==> flow/design.v <==
module sh_core_v2 #(
   parameter DWIDTH = 96,
   parameter SEL_WIDTH = $clog2(DWIDTH)
) (
   input  clock,
   input  reset,
   input  [DWIDTH-1:0] in_src,
   input  [SEL_WIDTH-1:0] in_n,
   output [DWIDTH-1:0] out_dout
);
   reg [DWIDTH-1:0] src_d1;
   reg [SEL_WIDTH-1:0] n_d1;
   reg [DWIDTH-1:0] nxt_d1;
   reg [1:0] n_d1_lo;
   reg [DWIDTH-1:0] dout_d1;
   assign out_dout = dout_d1;
   always @(posedge clock) begin
      if (reset) begin
         src_d1 <= 0;
         n_d1 <= 0;
         nxt_d1 <= 0;
         n_d1_lo <= 0;
         dout_d1 <= 0;
      end else begin
         src_d1 <= in_src;
         n_d1 <= in_n;
         nxt_d1 <= src_d1 << {n_d1[SEL_WIDTH-1:2], 2'b00};
         n_d1_lo <= n_d1[1:0];
         dout_d1 <= nxt_d1 << n_d1_lo;
      end
   end
endmodule
# Tool chain data of sh_core_v2
# The steps from the RTL of sh_core_v2 to its reports follow in flow order.
# Lines are those of the file above, counted from 1.
# Cell names lack the library's common part.
setup:
  design: "sh_core_v2"
  clk_port: "clock"
  lib: "sky130hd"
  pvt_corner: "tt_025C_1v80"

# After elaboration
# Source: Yosys, flattened and elaborated, memories not mapped. Widths are those after wreduce; folded enables and synchronous resets count as part of the registers. Registers that Yosys merges into a memory's read port (data or address) are not register bits. Print and check cells do not count. Equal cells are merged and count once.
word_totals:
  elab_cells: 7
  regBits: 297
  input_bits: 105
  out_inout_bits: 96
op_classes:
  shift: 2
op_table:
  columns: ["op", "count"]
  rows:
  - ["<< shifter 96 x 2 -> 96 bit", 1]
  - ["<< shifter 96 x 7 -> 96 bit", 1]

# Logic depth
# Longest topological path by Yosys (ltp), each cell counted once; first at word level (registers and memories cut), then after technology mapping (sequential cells cut; the memories' decode and read muxes count).
logic_depth:
  ltp_word: 1
  ABC_AREA: 0
  mapped_depth: 9

# After synthesis
# Yosys stat after the flow's synthesis: flattened, memories mapped to cells. It holds for the ABC_AREA given above (unset counts as 0); a run with the other value may have another netlist.
# The area totals of this step are shown rounded.
by_type:
  columns: ["type", "count", "area_total_um2"]
  rows:
  - ["dfxtp_1", 297, 5.95E+03]
  - ["mux4_2", 152, 3.42E+03]
  - ["mux2i_1", 115, 1.15E+03]
  - ["nor2b_1", 113, 706.928]
  - ["and2_1", 99, 619.344]
  - ["mux2_2", 38, 427.91]
  - ["o22ai_1", 37, 231.472]
  - ["clkbuf_1", 59, 221.462]
  - ["nor2_1", 59, 221.462]
  - ["buf_2", 32, 160.154]
  - ["nand2_1", 42, 157.651]
  - ["o21ai_0", 30, 150.144]
  - ["a211oi_1", 18, 135.13]
  - ["buf_4", 12, 90.086]
  - ["o211ai_1", 12, 90.086]
  - ["o221ai_1", 10, 87.584]
  - ["a22oi_1", 10, 75.072]
  - ["a21oi_1", 13, 65.062]
# Other cell types: 42; their cells: 127.
synth_totals:
  buffers: 119
  area_um2: 14900
  ff_cells: 297
  cells: 1275

# Worst setup path after synthesis
# Source: OpenSTA report_checks on the synthesized netlist (no wires, ideal clock, input and output delay 20% of the period each), path of least setup slack; recovery checks are left aside. Register names are those of the netlist, which keeps one name where synthesis merged equal registers.
synth_timing:
  path_type: "in2reg"
  startpoint: "input reset"
  endpoint: "register nxt_d1[75]"
  input_delay_ns: 0.482
  launch_ns: 0.482
  driving_pins: 7
  delay_ns: 1.447
  t_arrival_ns: 1.867
  clock_period_ns: 2.41
  slack_ns: 0.481
  n_path_buf: 3
  period_less_setup_slack_ns: 1.929
# "delay_ns" = arrival - input delay + setup time.
# "driving_pins": output pins that drive a net of the path, with the launching flip-flop's if there is one; two outputs of one cell count as two.
# "period_less_setup_slack_ns" is the clock period less the worst setup slack; recovery checks do not enter. This is arithmetic on one report: input and output delays are still those of the set period (20% each).
synth_via:
  cell_sequence: "clkbuf_1 -> or2_2 -> buf_2 -> nor2_1 -> clkbuf_1 -> o21ai_0 -> nand3_1"
synth_lines:
  columns: ["element", "line", "rtl"]
  rows:
  - ["start: declaration", 6, "input  reset,"]
  - ["end: assignment", 21, "nxt_d1 <= 0;"]
  - ["end: assignment", 27, "nxt_d1 <= src_d1 << {n_d1[SEL_WIDTH-1:2], 2'b00};"]
  - ["end: declaration", 13, "reg [DWIDTH-1:0] nxt_d1;"]
# No chain of elaborated cells between the ends is given.

# Path in the finished layout
# Path of least setup slack in the final report of flow run 1 (OpenROAD, finished layout, wires in). Where an end is a register, its clock arrival counts in the times.
layout_timing:
  path_type: "reg2reg"
  startpoint: "register n_d1[2]"
  endpoint: "register nxt_d1[73]"
  clock_period_ns: 1.34
  driving_pins: 10
  t_arrival_ns: 2.61
  n_path_buf: 5
  launch_ns: 0.52
  slack_ns: -0.80
# The rows between start and end are the longest chain of elaborated cells between them; the timing report does not say that the signal goes this way. Where chains are equally long, one stands for them.
# A line is the first line of the expression or statement that the cell stems from. Yosys adds cells for indexed reads and writes and turns some case tables into memories.
layout_via:
  cell_sequence: "dfxtp_4 -> buf_12 -> buf_4 -> buf_8 -> buf_16 -> buf_8 -> mux2i_4 -> mux4_2 -> o22ai_2 -> a21o_1"
  elab_chain_len: 1
  cells_between: 1
  cone_classes: "shift (1)"
layout_lines:
  columns: ["element", "line", "rtl"]
  rows:
  - ["start: declaration", 12, "reg [SEL_WIDTH-1:0] n_d1;"]
  - ["start: assignment", 20, "n_d1 <= 0;"]
  - ["start: assignment", 26, "n_d1 <= in_n;"]
  - ["<< shifter 96 x 7 -> 96 bit", 27, "nxt_d1 <= src_d1 << {n_d1[SEL_WIDTH-1:2], 2'b00};"]
  - ["end: assignment", 21, "nxt_d1 <= 0;"]
  - ["end: assignment", 27, null]
  - ["end: declaration", 13, "reg [DWIDTH-1:0] nxt_d1;"]

# Top module sh_core_v2; platform sky130hd; tools Yosys and OpenROAD; 3 stored runs in no particular order. Input and output delays are each 20% of the period that was set; the output load is 0.01 pF.
# "period_reached_ns" is the run's clock period less its worst setup slack. It is reckoned from that one timing run; input and output delays stay at 20% of the period that was set.
# "worst_setup_path_time_ns": the worst setup path's part of the clock period (all of it between registers, 20% less for each end at a port) less its slack. A launch clock that arrives late makes it longer, a capture clock that arrives late makes it shorter.
# The measured numbers are rounded.
runs:
  - name: "flow run 1"
    settings:
      period_ns: 1.34
      CORE_UTILIZATION: 48
      SETUP_SLACK_MARGIN: 0.14
      PLACE_DENSITY_LB_ADDON: 0.13
      HOLD_SLACK_MARGIN: 0.15
      CORE_ASPECT_RATIO: 0.52
      ABC_AREA: 0
      CTS_CLUSTER_SIZE: 38
      CTS_CLUSTER_DIAMETER: 298
      SLEW_MARGIN: 15
      MAX_ROUTING_LAYER: "met5"
      CAP_MARGIN: 20
      CORE_MARGIN: 2
    results:
      worst_setup_path_time_ns: 2.14
      worst_path_kind: "reg2reg"
      timing.hold.ws_ns: 0.169
      yosys_chip_area_um2: 14900
      die_um2: 32400
      setup_tns_ns: -70.6
      period_reached_ns: 2.136
      setup_worst_slack_ns: -0.796
      final_stdcell_area_um2: 23100
  - name: "flow run 2"
    settings:
      period_ns: 2.41
      CAP_MARGIN: 20
      CORE_MARGIN: 2
      CORE_UTILIZATION: 40
      SLEW_MARGIN: 20
    results:
      die_um2: 38700
      yosys_chip_area_um2: 14900
      timing.hold.ws_ns: 0.250
      setup_worst_slack_ns: 0.110
      final_stdcell_area_um2: 19200
      setup_tns_ns: 0.000
      worst_setup_path_time_ns: 2.30
      worst_path_kind: "reg2reg"
      period_reached_ns: 2.300
  - name: "flow run 3"
    settings:
      period_ns: 1.2
      CORE_UTILIZATION: 41
      SETUP_SLACK_MARGIN: 0.19
      PLACE_DENSITY_LB_ADDON: 0.23
      HOLD_SLACK_MARGIN: 0.01
      CORE_ASPECT_RATIO: 1.97
      TNS_END_PERCENT: 15
      GPL_ROUTABILITY_DRIVEN: 0
      MAX_ROUTING_LAYER: "met4"
      CAP_MARGIN: 20
      CORE_MARGIN: 2
      SLEW_MARGIN: 20
    results:
      timing.hold.ws_ns: 0.097
      yosys_chip_area_um2: 14900
      worst_setup_path_time_ns: 2.11
      worst_path_kind: "reg2reg"
      die_um2: 37900
      period_reached_ns: 2.111
      final_stdcell_area_um2: 21600
      setup_tns_ns: -89.6
      setup_worst_slack_ns: -0.911
